==> flow/design.v <==
module gen_addsub_v2 #(
   parameter integer DATA_WIDTH = 36
) (
   input logic CLK,
   input logic nrst,
   input logic [DATA_WIDTH-1:0] rs1_in,
   input logic [DATA_WIDTH-1:0] rs2_in,
   input logic minus_in,
   output logic [DATA_WIDTH-1:0] out_out,
   output logic carry_out
);
   logic [DATA_WIDTH-1:0] rs1_d1;
   always_ff @(posedge CLK or negedge nrst) begin
      if (~nrst) begin
         rs1_d1 <= '0;
      end else begin
         rs1_d1 <= rs1_in;
      end
   end
   logic [DATA_WIDTH-1:0] rs2_d1;
   always_ff @(posedge CLK or negedge nrst) begin
      if (~nrst) begin
         rs2_d1 <= '0;
      end else begin
         rs2_d1 <= rs2_in;
      end
   end
   logic minus_d1;
   always_ff @(posedge CLK or negedge nrst) begin
      if (~nrst) begin
         minus_d1 <= 1'b0;
      end else begin
         minus_d1 <= minus_in;
      end
   end
   logic [DATA_WIDTH-1:0] t2;
   assign t2 = rs2_d1 ^ {DATA_WIDTH{minus_d1}};
   logic [DATA_WIDTH:0] val;
   assign val = rs1_d1 + t2 + minus_d1;
   logic [DATA_WIDTH-1:0] out_d1;
   always_ff @(posedge CLK or negedge nrst) begin
      if (~nrst) begin
         out_d1 <= '0;
      end else begin
         out_d1 <= val[DATA_WIDTH-1:0];
      end
   end
   assign out_out = out_d1;
   logic carry_d1;
   always_ff @(posedge CLK or negedge nrst) begin
      if (~nrst) begin
         carry_d1 <= 1'b0;
      end else begin
         carry_d1 <= val[DATA_WIDTH];
      end
   end
   assign carry_out = carry_d1;
endmodule
[Step by step through the tools: gen_addsub_v2]
What the tools print for gen_addsub_v2, step after step.
Line numbers count from 1 in the design file above.
Library cell names are shortened.
Not given: n/a
Set-up
  top module: gen_addsub_v2
  clock: CLK
  standard-cell library: sky130hd
  library corner: tt_025C_1v80

[Word level]
Yosys after proc, flatten, opt, wreduce and memory -nomap, before mapping. Enables and synchronous resets that opt folds into registers are not counted as muxes. Memory bits, and registers merged into a memory's read port (data or address), are not among the register bits. Print and check cells are not counted. Equal cells are merged and count once.
Word-level totals
  register bits after elaboration: 110
  elaborated cells: 8
Operators by class
  $add $sub $neg: 2
  bitwise logic cells: 1
Operators with widths (count)
  36-bit by 36-bit adder with 37-bit output: 1
  37-bit by 1-bit adder with 37-bit output: 1
  36-bit bitwise XOR: 1

[Logic depth]
Yosys ltp: most cells in a row. Word level: on the elaborated netlist, between registers, memories and ports. Mapped: between sequential cells and ports; inverters and the memories' decode and read muxes count.
Logic depth
  depth in word-level cells: 3
  ABC_AREA: 0
  depth in mapped cells: 12
  gate-level depth less buffers: 10

[Netlist]
The flow's flattened synthesis, as Yosys stat reports it; memories are mapped. The netlist is that of the ABC_AREA named above (0 if unset); the other value can give another one.
Cells by type
  dfrtp_1: count 110, area in all 2752.64 um^2
  xor2_1: count 52, area in all 455.437 um^2
  ha_1: count 35, area in all 437.92 um^2
  a21oi_1: count 40, area in all 200.192 um^2
  xnor2_1: count 18, area in all 157.651 um^2
  nand2_1: count 30, area in all 112.608 um^2
  a21o_1: count 10, area in all 75.072 um^2
  nor2_1: count 19, area in all 71.318 um^2
  nand4_1: count 8, area in all 50.048 um^2
  o21a_1: count 6, area in all 45.043 um^2
  o21ai_0: count 9, area in all 45.043 um^2
  o21ai_1: count 9, area in all 45.043 um^2
  o21bai_1: count 6, area in all 45.043 um^2
  and2_1: count 6, area in all 37.536 um^2
  inv_1: count 9, area in all 33.782 um^2
  a2111oi_4: count 1, area in all 27.526 um^2
  a211oi_2: count 2, area in all 25.024 um^2
  nand2b_1: count 4, area in all 25.024 um^2
Not listed: further types 36, cells in them 56.
Synthesis totals
  standard cells after synthesis: 430
  synthesis area: 5101.1 um^2
  area of sequential cells: 2752.6 um^2
  flip-flop cells: 110
  buffer cells: 9

[Timing after synthesis]
Path of least setup slack by OpenSTA after synthesis, without wires, with an ideal clock, recovery checks aside; 20% of the period is set as input and as output delay. Where synthesis merged equal registers, the netlist keeps one of their names.
Timing post-synthesis
  path type: reg-to-reg
  start: register minus_d1
  end: register carry_d1
  period: 3.71 ns
  library setup time: 0.126 ns
  time at the first pin: 0.000 ns
  arrival: 2.840 ns
  data required time: 3.584 ns
  slack: 0.744 ns
  path delay: 2.966 ns
  driving pins on the path: 12
  path buffers: 2
  synthesis period reached: 2.966 ns
"path delay" = arrival - input delay + setup time.
"driving pins on the path": output pins that drive a net of the path, with the launching flip-flop's if there is one; two outputs of one cell count as two.
"synthesis period reached" = period - worst setup slack (recovery checks aside). The figure is calculated, with input and output delays left at 20% of the set period.
The rows between start and end are the longest chain of elaborated cells between them; the timing report does not say that the signal goes this way. Where chains are equally long, one stands for them.
Each line given opens the expression or statement behind the cell; cells for indexed reads and writes are added by Yosys, which also makes memories of some case tables.
Between the ends, post-synthesis
  cell sequence: dfrtp_1 > buf_2 > buf_1 > xor2_1 > ha_1 > a211o_1 > a21oi_2 > nand4_1 > a21bo_2 > a32oi_1 > nand2b_1 > a311o_1
  length of the longest elaborated chain: 3
  elaborated cells between the ends (all ways): 3
  RTL lines with such cells: 2
  those cells by class: add/sub (2); logic (1)
RTL lines, path post-synthesis
  start, declared: line 28  | logic minus_d1;
  start, assigned: line 31  | minus_d1 <= 1'b0;
  start, assigned: line 33  | minus_d1 <= minus_in;
  36-bit bitwise XOR: line 37  | assign t2 = rs2_d1 ^ {DATA_WIDTH{minus_d1}};
  36-bit by 36-bit adder with 37-bit output: line 39  | assign val = rs1_d1 + t2 + minus_d1;
  37-bit by 1-bit adder with 37-bit output: line 39
  end, assigned: line 52  | carry_d1 <= 1'b0;
  end, assigned: line 54  | carry_d1 <= val[DATA_WIDTH];
  end, declared: line 49  | logic carry_d1;

[Worst path after layout]
Path of least setup slack in the final report of flow run 1 (OpenROAD, finished layout, wires in). Where an end is a register, its clock arrival counts in the times.
Timing post-layout
  path type: reg-to-reg
  start: register minus_d1
  end: register carry_d1
  period: 2.64 ns
  library setup time: 0.11 ns
  time at the first pin: 0.36 ns
  arrival: 3.09 ns
  data required time: 2.89 ns
  slack: -0.20 ns
  driving pins on the path: 12
  path buffers: 2
The rows between start and end are the longest chain of elaborated cells between them; the timing report does not say that the signal goes this way. Where chains are equally long, one stands for them.
Between the ends, post-layout
  cell sequence: dfrtp_2 > buf_4 > xor2_1 > ha_1 > a211o_1 > a21oi_4 > nand4_1 > a21bo_2 > a32oi_1 > buf_4 > nand2b_4 > a311o_1
  length of the longest elaborated chain: 3
  elaborated cells between the ends (all ways): 3
  RTL lines with such cells: 2
  those cells by class: add/sub (2); logic (1)
RTL lines, path post-layout
  start, declared: line 28  | logic minus_d1;
  start, assigned: line 31  | minus_d1 <= 1'b0;
  start, assigned: line 33  | minus_d1 <= minus_in;
  36-bit bitwise XOR: line 37  | assign t2 = rs2_d1 ^ {DATA_WIDTH{minus_d1}};
  36-bit by 36-bit adder with 37-bit output: line 39  | assign val = rs1_d1 + t2 + minus_d1;
  37-bit by 1-bit adder with 37-bit output: line 39
  end, assigned: line 52  | carry_d1 <= 1'b0;
  end, assigned: line 54  | carry_d1 <= val[DATA_WIDTH];
  end, declared: line 49  | logic carry_d1;

==> runs of gen_addsub_v2 <==
Stored flow runs of gen_addsub_v2 (3 of them; Yosys, OpenROAD, sky130hd). They differ in their settings and are not a sequence. Constraints: input delay and output delay 20% of the set period each, output load 0.01 pF.
"time used up by the worst setup path" means the part of the period allowed to the worst setup path (the constraints hold back 20% at inputs and 20% at outputs) less its slack; where the path has registers, the arrival times of their clocks count too.
"total power after layout": no workload was simulated; the value follows from the tool's default switching activity.

==> flow run 1: settings <==
{ "period_ns": 2.64, "CORE_UTILIZATION": 23, "SETUP_SLACK_MARGIN": 0.71, "PLACE_DENSITY_LB_ADDON": 0.24, "HOLD_SLACK_MARGIN": 0.02, "CORE_ASPECT_RATIO": 1.24, "CORE_MARGIN": 8, "CELL_PAD_IN_SITES_DETAIL_PLACEMENT": 1, "ABC_AREA": 0, "MIN_ROUTING_LAYER": "met2", "CAP_MARGIN": 20, "SLEW_MARGIN": 20 }
==> flow run 1: results <==
synthesized cell area: 5,101.1 um^2
full die area: 27,228.0 um^2
standard-cell area of the final layout: 8,056.5 um^2
utilization in the final report: 37.0%
worst setup slack after layout: -0.204 ns
total power after layout: 0.005386 W
time used up by the worst setup path: 2.84 ns
class of the worst setup path: reg-to-reg

==> flow run 2: settings <==
{ "period_ns": 3.71, "CAP_MARGIN": 20, "CORE_MARGIN": 2, "CORE_UTILIZATION": 40, "SLEW_MARGIN": 20 }
==> flow run 2: results <==
synthesized cell area: 5,101.1 um^2
full die area: 13,672.6 um^2
standard-cell area of the final layout: 6,725.2 um^2
utilization in the final report: 53.7%
worst setup slack after layout: 0.608 ns
total power after layout: 0.00344 W
time used up by the worst setup path: 3.10 ns
class of the worst setup path: reg-to-reg

==> flow run 3: settings <==
{ "period_ns": 3.4, "CORE_UTILIZATION": 56, "PLACE_DENSITY_LB_ADDON": 0.16, "CELL_PAD_IN_SITES_GLOBAL_PLACEMENT": 1, "TNS_END_PERCENT": 40, "ABC_AREA": 0, "CTS_CLUSTER_SIZE": 14, "CAP_MARGIN": 40, "SLEW_MARGIN": 25, "MIN_ROUTING_LAYER": "met2", "MAX_ROUTING_LAYER": "met4", "CORE_MARGIN": 2 }
==> flow run 3: results <==
synthesized cell area: 5,101.1 um^2
full die area: 9,888.3 um^2
standard-cell area of the final layout: 6,563.8 um^2
utilization in the final report: 74.9%
worst setup slack after layout: 0.170 ns
total power after layout: 0.003565 W
time used up by the worst setup path: 3.23 ns
class of the worst setup path: reg-to-reg
